==> flow/design.v <==
module reg_file_p (i_clk, wen, write_addr, wr_data, rsel, read_data);
   parameter NUM_REGS = 96;
   parameter XLEN = 10;
   parameter N_READ = 2;
   localparam ADDR_W = $clog2(NUM_REGS);
   input i_clk;
   input wen;
   input [ADDR_W-1:0] write_addr;
   input [XLEN-1:0] wr_data;
   input [N_READ*ADDR_W-1:0] rsel;
   output [N_READ*XLEN-1:0] read_data;
   reg [XLEN-1:0] rf [0:NUM_REGS-1];
   always @(posedge i_clk) begin
      if (wen)
         rf[write_addr] <= wr_data;
   end
   wire [N_READ*XLEN-1:0] r;
   genvar m;
   generate
      for (m = 0; m < N_READ; m = m + 1) begin : stage
         assign r[m*XLEN +: XLEN] = rf[rsel[m*ADDR_W +: ADDR_W]];
      end
   endgenerate
   assign read_data = r;
endmodule
* From RTL to reports: reg_file_p *
The steps from the RTL of reg_file_p to its reports follow in flow order.
Line numbers count from 1 in the design file above.
Cell names lack the library's common part.
The mark - stands for no value.

inputs
  design top = reg_file_p
  clock port = i_clk
  standard-cell library = sky130hd
  corner = tt_025C_1v80

* After elaboration *
Counts by Yosys on the flattened word-level netlist (proc, flatten, opt, wreduce; memories kept). Register bits leave out memories and registers merged into their read ports (data or address); mux counts leave out enables and synchronous resets folded into registers. Print and check cells are left out. Cells with the same type and inputs are merged into one.
Memory sizes are those after Yosys's memory passes, which may raise the word count (mostly to a power of two), join words into wider ones and drop unused or constant bits.

bit counts
  flip-flop bits (word level) = 0
  cells after elaboration = 4
  memories kept = 1
  RAM bits = 960

memory list
  name  words  width  read ports  write ports  RTL line  text
  rf    96     10     2           1            12        reg [XLEN-1:0] rf [0:NUM_REGS-1];

operators by class
  muxes and demuxes = 3

operators by type and width
  kind               count
  10-bit 2-to-1 mux  1
  7-bit 2-to-1 mux   1
  1-bit 2-to-1 mux   1

* Depth *
Longest topological path by Yosys (ltp), each cell counted once; first at word level (registers and memories cut), then after technology mapping (sequential cells cut; the memories' decode and read muxes count).

logic depth
  word-level depth = 1
  ABC_AREA = 0
  gate-level depth with buffers = 10

* Mapped cells and area *
The flow's flattened synthesis, as Yosys stat reports it; memories are mapped. The netlist is that of the ABC_AREA named above (0 if unset); the other value can give another one.
Totals and module areas in this step are rounded.

synthesis totals
  mapped area = 45000 µm²
  cells in the netlist = 2276
  buffer cells = 170
  flip-flops = 960
  area of sequential cells = 29000 µm²

cells by type
  cell      count  area in all (µm²)
  edfxtp_1  960    2.88E+04
  mux4_2    487    1.1E+04
  mux2i_1   81     810.778
  nor2_1    130    487.968
  buf_4     48     360.346
  nand2_1   92     345.331
  a22oi_1   44     330.317
  buf_2     53     265.254
  nand3_1   41     205.197
  o22ai_1   31     193.936
  o221ai_1  22     192.685
  clkbuf_1  48     180.173
  o21ai_0   34     170.163
  mux2_2    14     157.651
  buf_6     13     146.39
  nor2b_1   23     143.888
  o211ai_1  16     120.115
  a221oi_1  10     87.584

Other cell types: 25; their cells: 129.

* Path before layout *
Path of least setup slack by OpenSTA after synthesis, without wires, with an ideal clock, recovery checks aside; 20% of the period is set as input and as output delay. Where synthesis merged equal registers, the netlist keeps one of their names.

path post-synthesis
  path kind = input to output
  start point = input rsel[0]
  end point = output read_data[2]
  setup slack = 411 ps
  data arrival time = 2341 ps
  input delay = 688 ps
  output delay = 688 ps
  required time = 2752 ps
  clock period = 3440 ps
  path delay = 1653 ps
  path buffers = 2
  driving pins on the path = 7
  synthesis period reached = 3029 ps

"path delay" is the arrival time less input delay plus setup time.
A path that ends at an output port has no setup time.
"driving pins on the path": output pins that drive a net of the path, with the launching flip-flop's if there is one; two outputs of one cell count as two.
"synthesis period reached" is the clock period less the worst setup slack; recovery checks do not enter. This is arithmetic on one report: input and output delays are still those of the set period (20% each).
Between the ends stands the longest chain of elaborated cells between them, by number of cells; it is not shown to be the way that was timed. Of several equally long chains one is given.
A line is the first line of the expression or statement that the cell stems from. Yosys adds cells for indexed reads and writes and turns some case tables into memories.
The chain passes a memory read, where the word-level depth is cut; so it can be longer than that depth.

on the way, post-synthesis
  path through = buf_4 > buf_2 > mux4_2 > mux2i_1 > nor2_1 > o311ai_0 > nand3_1
  cells in the longest elaborated chain = 1

RTL lines, path post-synthesis
  element                  RTL line  text
  start, declared          10        input [N_READ*ADDR_W-1:0] rsel;
  memory read 96 x 10 bit  12        reg [XLEN-1:0] rf [0:NUM_REGS-1];
  end, declared            11        output [N_READ*XLEN-1:0] read_data;

* Timing after layout *
Path of least setup slack in the final report of stored run 1 (OpenROAD, finished layout, wires in). Where an end is a register, its clock arrival counts in the times.
The report prints the path's times to 10 ps; the period is as set.

path after layout
  path kind = register to output
  start point = memory rf[30][0]
  end point = output read_data[10]
  clock period = 1850 ps
  driving pins on the path = 7
  setup slack = -1520 ps
  data arrival time = 3000 ps
  required time = 1480 ps
  output delay = 370 ps
  path buffers = 2

Between the ends stands the longest chain of elaborated cells between them, by number of cells; it is not shown to be the way that was timed. Of several equally long chains one is given.
The chain passes a memory read, where the word-level depth is cut; so it can be longer than that depth.

on the way, after layout
  path through = edfxtp_1 > mux4_2 > mux4_2 > a22oi_2 > o211ai_1 > buf_4 > buf_6
  cells in the longest elaborated chain = 1

RTL lines, path after layout
  element                  RTL line  text
  start, declared          12        reg [XLEN-1:0] rf [0:NUM_REGS-1];
  memory read 96 x 10 bit  12
  end, declared            11        output [N_READ*XLEN-1:0] read_data;

Ticket comment

Settings and measured results of 3 stored flow runs for module reg_file_p (sky130hd), not sorted in any way. The constraints put input and output delay at 20% of the set period each and load the outputs with 0.01 pF.
"achieved period" is the run's clock period less its worst setup slack. It is reckoned from that one timing run; input and output delays stay at 20% of the period that was set.
By "worst setup path time" is meant the share of the clock period that the worst setup path is allowed (20% is reserved at inputs, 20% at outputs), minus its slack. Clock arrival times at its registers enter into it.
"worst setup path time" is given in steps of 10 ps.
The results are shown rounded.
Among the settings, - means not set for that run.

item                                    stored run 1        stored run 2        stored run 3
period_ns                               1.85                1.9                 3.44
CORE_UTILIZATION                        66                  27                  40
SETUP_SLACK_MARGIN                      0.5                 0.38                -
PLACE_DENSITY                           0.41                -                   -
HOLD_SLACK_MARGIN                       0.2                 -                   -
CORE_ASPECT_RATIO                       0.62                -                   -
CELL_PAD_IN_SITES_DETAIL_PLACEMENT      0                   -                   -
TNS_END_PERCENT                         80                  -                   -
GPL_TIMING_DRIVEN                       1                   -                   -
CTS_CLUSTER_DIAMETER                    352                 191                 -
MIN_ROUTING_LAYER                       met1                met1                -
CAP_MARGIN                              20                  25                  20
CORE_MARGIN                             2                   10                  2
SLEW_MARGIN                             20                  20                  20
MAX_ROUTING_LAYER                       -                   met5                -
mapped cell area after synthesis (µm²)  45000               45000               45000
full die area (µm²)                     70000               180000              110000
standard-cell area after routing (µm²)  56000               59000               57000
lowest setup slack (ps)                 -1500               -1700               -230
setup total negative slack (ps)         -24000              -25000              -2100
achieved period (ps)                    3366                3615                3667
worst setup path time (ps)              3000                3240                2290
worst setup path type                   register to output  register to output  input to output
